==> flow/design.v <==
module sync_shift_unit_p #(
  parameter integer DW = 20,
  parameter integer SW = $clog2(DW)
) (
  input wire clk,
  input wire i_rst,
  input wire signed [DW-1:0] in_d,
  input wire [SW-1:0] in_shamt,
  output reg [DW-1:0] out_q
);
  always @(posedge clk or posedge i_rst) begin
    if (i_rst) begin
      out_q <= 0;
    end else begin
      out_q <= in_d >>> in_shamt;
    end
  end
endmodule
# Step by step through the tools: sync_shift_unit_p
# Tool output for the design above, in the order of the flow.
# Line numbers count from 1 in the design file above.
# Cell names lack the library's common part.
# Not given: -
[inputs]
top = "sync_shift_unit_p"
clock = "clk"
cell_library = "sky130hd"
pvt_corner = "tt_025C_1v80"

# Word-level counts
# Yosys after proc, flatten, opt, wreduce and memory -nomap, before mapping. Enables and synchronous resets that opt folds into registers are not counted as muxes. Memory bits, and registers merged into a memory's read port (data or address), are not among the register bits. Print and check cells are not counted. Equal cells are merged and count once.
[word_totals]
in_bits = 27
ff_bits = 20
output_inout_bits = 20
word_cells = 2
[classes]
shift = 1
[op_table]
columns = ["op", "n"]
rows = [
  [">>> shifter 20 x 5 -> 20 bit", 1],
]

# Depth
# Depth = most cells in a row (Yosys ltp): at word level without a register or memory, in the mapped netlist without a sequential cell, where the memories' decode and read muxes count.
[depth]
word_depth = 1
ABC_AREA = 0
ltp_mapped = 7
ltp_nobuf = 4

# Synthesis result
# The flow's flattened synthesis, as Yosys stat reports it; memories are mapped. The netlist is that of the ABC_AREA named above (0 if unset); the other value can give another one.
# The area totals of this step are shown rounded.
[by_type]
columns = ["type", "n", "type_area_um2"]
rows = [
  ["dfrtp_1", 20, 500.48],
  ["mux2i_1", 26, 260.25],
  ["mux4_2", 10, 225.216],
  ["mux4_1", 5, 131.376],
  ["mux2_2", 5, 56.304],
  ["a21oi_1", 10, 50.048],
  ["nor2_1", 10, 37.536],
  ["nand2_1", 9, 33.782],
  ["buf_2", 6, 30.029],
  ["buf_6", 2, 22.522],
  ["buf_12", 1, 20.019],
  ["o21ai_0", 4, 20.019],
  ["a22o_1", 2, 17.517],
  ["o221ai_1", 2, 17.517],
  ["o311ai_2", 1, 16.266],
  ["buf_8", 1, 15.014],
  ["clkbuf_1", 4, 15.014],
  ["mux2_4", 1, 15.014],
]
# Other cell types: 23; their cells: 31.
[mapped]
seqArea_um2 = 500.5
n_buf = 15
cells = 150
ffs = 20
yosys_area_um2 = 1690

# Worst setup path after synthesis
# OpenSTA on the mapped netlist: ideal clock, no wires. The path of least setup slack (recovery checks aside). Input and output delay are each 20% of the period. Register names are those of the netlist, which keeps one name where synthesis merged equal registers.
[synth_path]
path_type = "in2reg"
startpoint = "input in_shamt[0]"
endpoint = "register out_q[0]"
setup_slack_ns = 0.344
launch_ns = 0.428
driving_pins = 6
path_delay_ns = 1.368
setup_ns = 0.135
path_buffers = 3
clock_period_ns = 2.14
input_delay_ns = 0.428
t_arrival_ns = 1.661
synth_period_reached_ns = 1.796
# "path_delay_ns" = arrival - input delay + setup time.
# "driving_pins": output pins that drive a net of the path, with the launching flip-flop's if there is one; two outputs of one cell count as two.
# "synth_period_reached_ns" is the clock period less the worst setup slack; recovery checks do not enter. This is arithmetic on one report: input and output delays are still those of the set period (20% each).
# Between the ends stands the longest chain of elaborated cells between them, by number of cells; it is not shown to be the way that was timed. Of several equally long chains one is given.
# Each line given opens the expression or statement behind the cell; cells for indexed reads and writes are added by Yosys, which also makes memories of some case tables.
[synth_between]
cell_sequence = "buf_2 -> buf_6 -> buf_2 -> mux4_2 -> a211oi_1 -> o211ai_1"
elab_chain_cells = 1
cone_cells = 1
cone_classes = "shift: 1"
[synth_rtl]
columns = ["item", "line", "rtl"]
rows = [
  ["start, declared", 8, "input wire [SW-1:0] in_shamt,"],
  [">>> shifter 20 x 5 -> 20 bit", 15, "out_q <= in_d >>> in_shamt;"],
  ["end, assigned", 13, "out_q <= 0;"],
  ["end, assigned", 15, ""],
  ["end, declared", 9, "output reg [DW-1:0] out_q"],
]

# Path in the finished layout
# Path of least setup slack in the final report of record 1 (OpenROAD, finished layout, wires in). Where an end is a register, its clock arrival counts in the times.
[layout_path]
path_type = "in2reg"
startpoint = "input in_shamt[1]"
endpoint = "register out_q[6]"
t_arrival_ns = 2.06
setup_slack_ns = 0.06
path_buffers = 3
clock_period_ns = 1.96
input_delay_ns = 0.39
launch_ns = 0.39
setup_ns = 0.09
driving_pins = 7
# Between the ends stands the longest chain of elaborated cells between them, by number of cells; it is not shown to be the way that was timed. Of several equally long chains one is given.
[layout_between]
cell_sequence = "dlygate4sd2_1 -> bufbuf_16 -> buf_4 -> mux2i_1 -> mux2_2 -> mux2_4 -> o311ai_4"
elab_chain_cells = 1
cone_cells = 1
cone_classes = "shift: 1"
[layout_rtl]
columns = ["item", "line", "rtl"]
rows = [
  ["start, declared", 8, "input wire [SW-1:0] in_shamt,"],
  [">>> shifter 20 x 5 -> 20 bit", 15, "out_q <= in_d >>> in_shamt;"],
  ["end, assigned", 13, "out_q <= 0;"],
  ["end, assigned", 15, ""],
  ["end, declared", 9, "output reg [DW-1:0] out_q"],
]

# Stored flow runs of sync_shift_unit_p (3 of them; Yosys, OpenROAD, sky130hd). They differ in their settings and are not a sequence. Constraints: input delay and output delay 20% of the set period each, output load 0.01 pF.
# "achieved_period_ns" means the clock period less the worst setup slack. The figure is calculated, with input and output delays left at 20% of the set period.
# "worst_path_allowed_less_slack_ns" is the time allowed to the run's worst setup path (the clock period less input and output delay, where it has them) less its slack. Clock arrival times count: a late capture clock shortens it, a late launch clock lengthens it.
# "totalPower_uw" rests on the timing tool's default activity at the inputs, not on a simulated workload.
# Values from the reports are rounded here.

[[run]]
name = "record 1"
[run.settings]
period_ns = 1.96
CORE_UTILIZATION = 37
PLACE_DENSITY_LB_ADDON = 0.24
GPL_ROUTABILITY_DRIVEN = 0
CAP_MARGIN = 5
MIN_ROUTING_LAYER = "met2"
MAX_ROUTING_LAYER = "met5"
CORE_MARGIN = 2
SLEW_MARGIN = 20
[run.results]
yosys.chip_area_um2 = 1690
dieArea_um2 = 5125
final_cell_area_um2 = 2559
fin_util_pct = 58.4
ws_setup_ns = 0.060
tns_ns = 0.000
totalPower_uw = 1341
achieved_period_ns = 1.900
worst_path_allowed_less_slack_ns = 1.51
critical_path_kind = "in2reg"

[[run]]
name = "record 2"
[run.settings]
period_ns = 3.21
CORE_UTILIZATION = 19
SETUP_SLACK_MARGIN = 0.25
PLACE_DENSITY = 0.67
TNS_END_PERCENT = 80
CTS_CLUSTER_DIAMETER = 267
CAP_MARGIN = 20
CORE_MARGIN = 2
SLEW_MARGIN = 20
[run.results]
yosys.chip_area_um2 = 1690
dieArea_um2 = 9667
final_cell_area_um2 = 2323
fin_util_pct = 26.8
ws_setup_ns = 0.778
tns_ns = 0.000
totalPower_uw = 825.7
achieved_period_ns = 2.432
worst_path_allowed_less_slack_ns = 1.79
critical_path_kind = "in2reg"

[[run]]
name = "record 3"
[run.settings]
period_ns = 2.14
CAP_MARGIN = 20
CORE_MARGIN = 2
CORE_UTILIZATION = 40
SLEW_MARGIN = 20
[run.results]
yosys.chip_area_um2 = 1690
dieArea_um2 = 4762
final_cell_area_um2 = 2446
fin_util_pct = 60.7
ws_setup_ns = 0.084
tns_ns = 0.000
totalPower_uw = 1176
achieved_period_ns = 2.056
worst_path_allowed_less_slack_ns = 1.63
critical_path_kind = "in2reg"
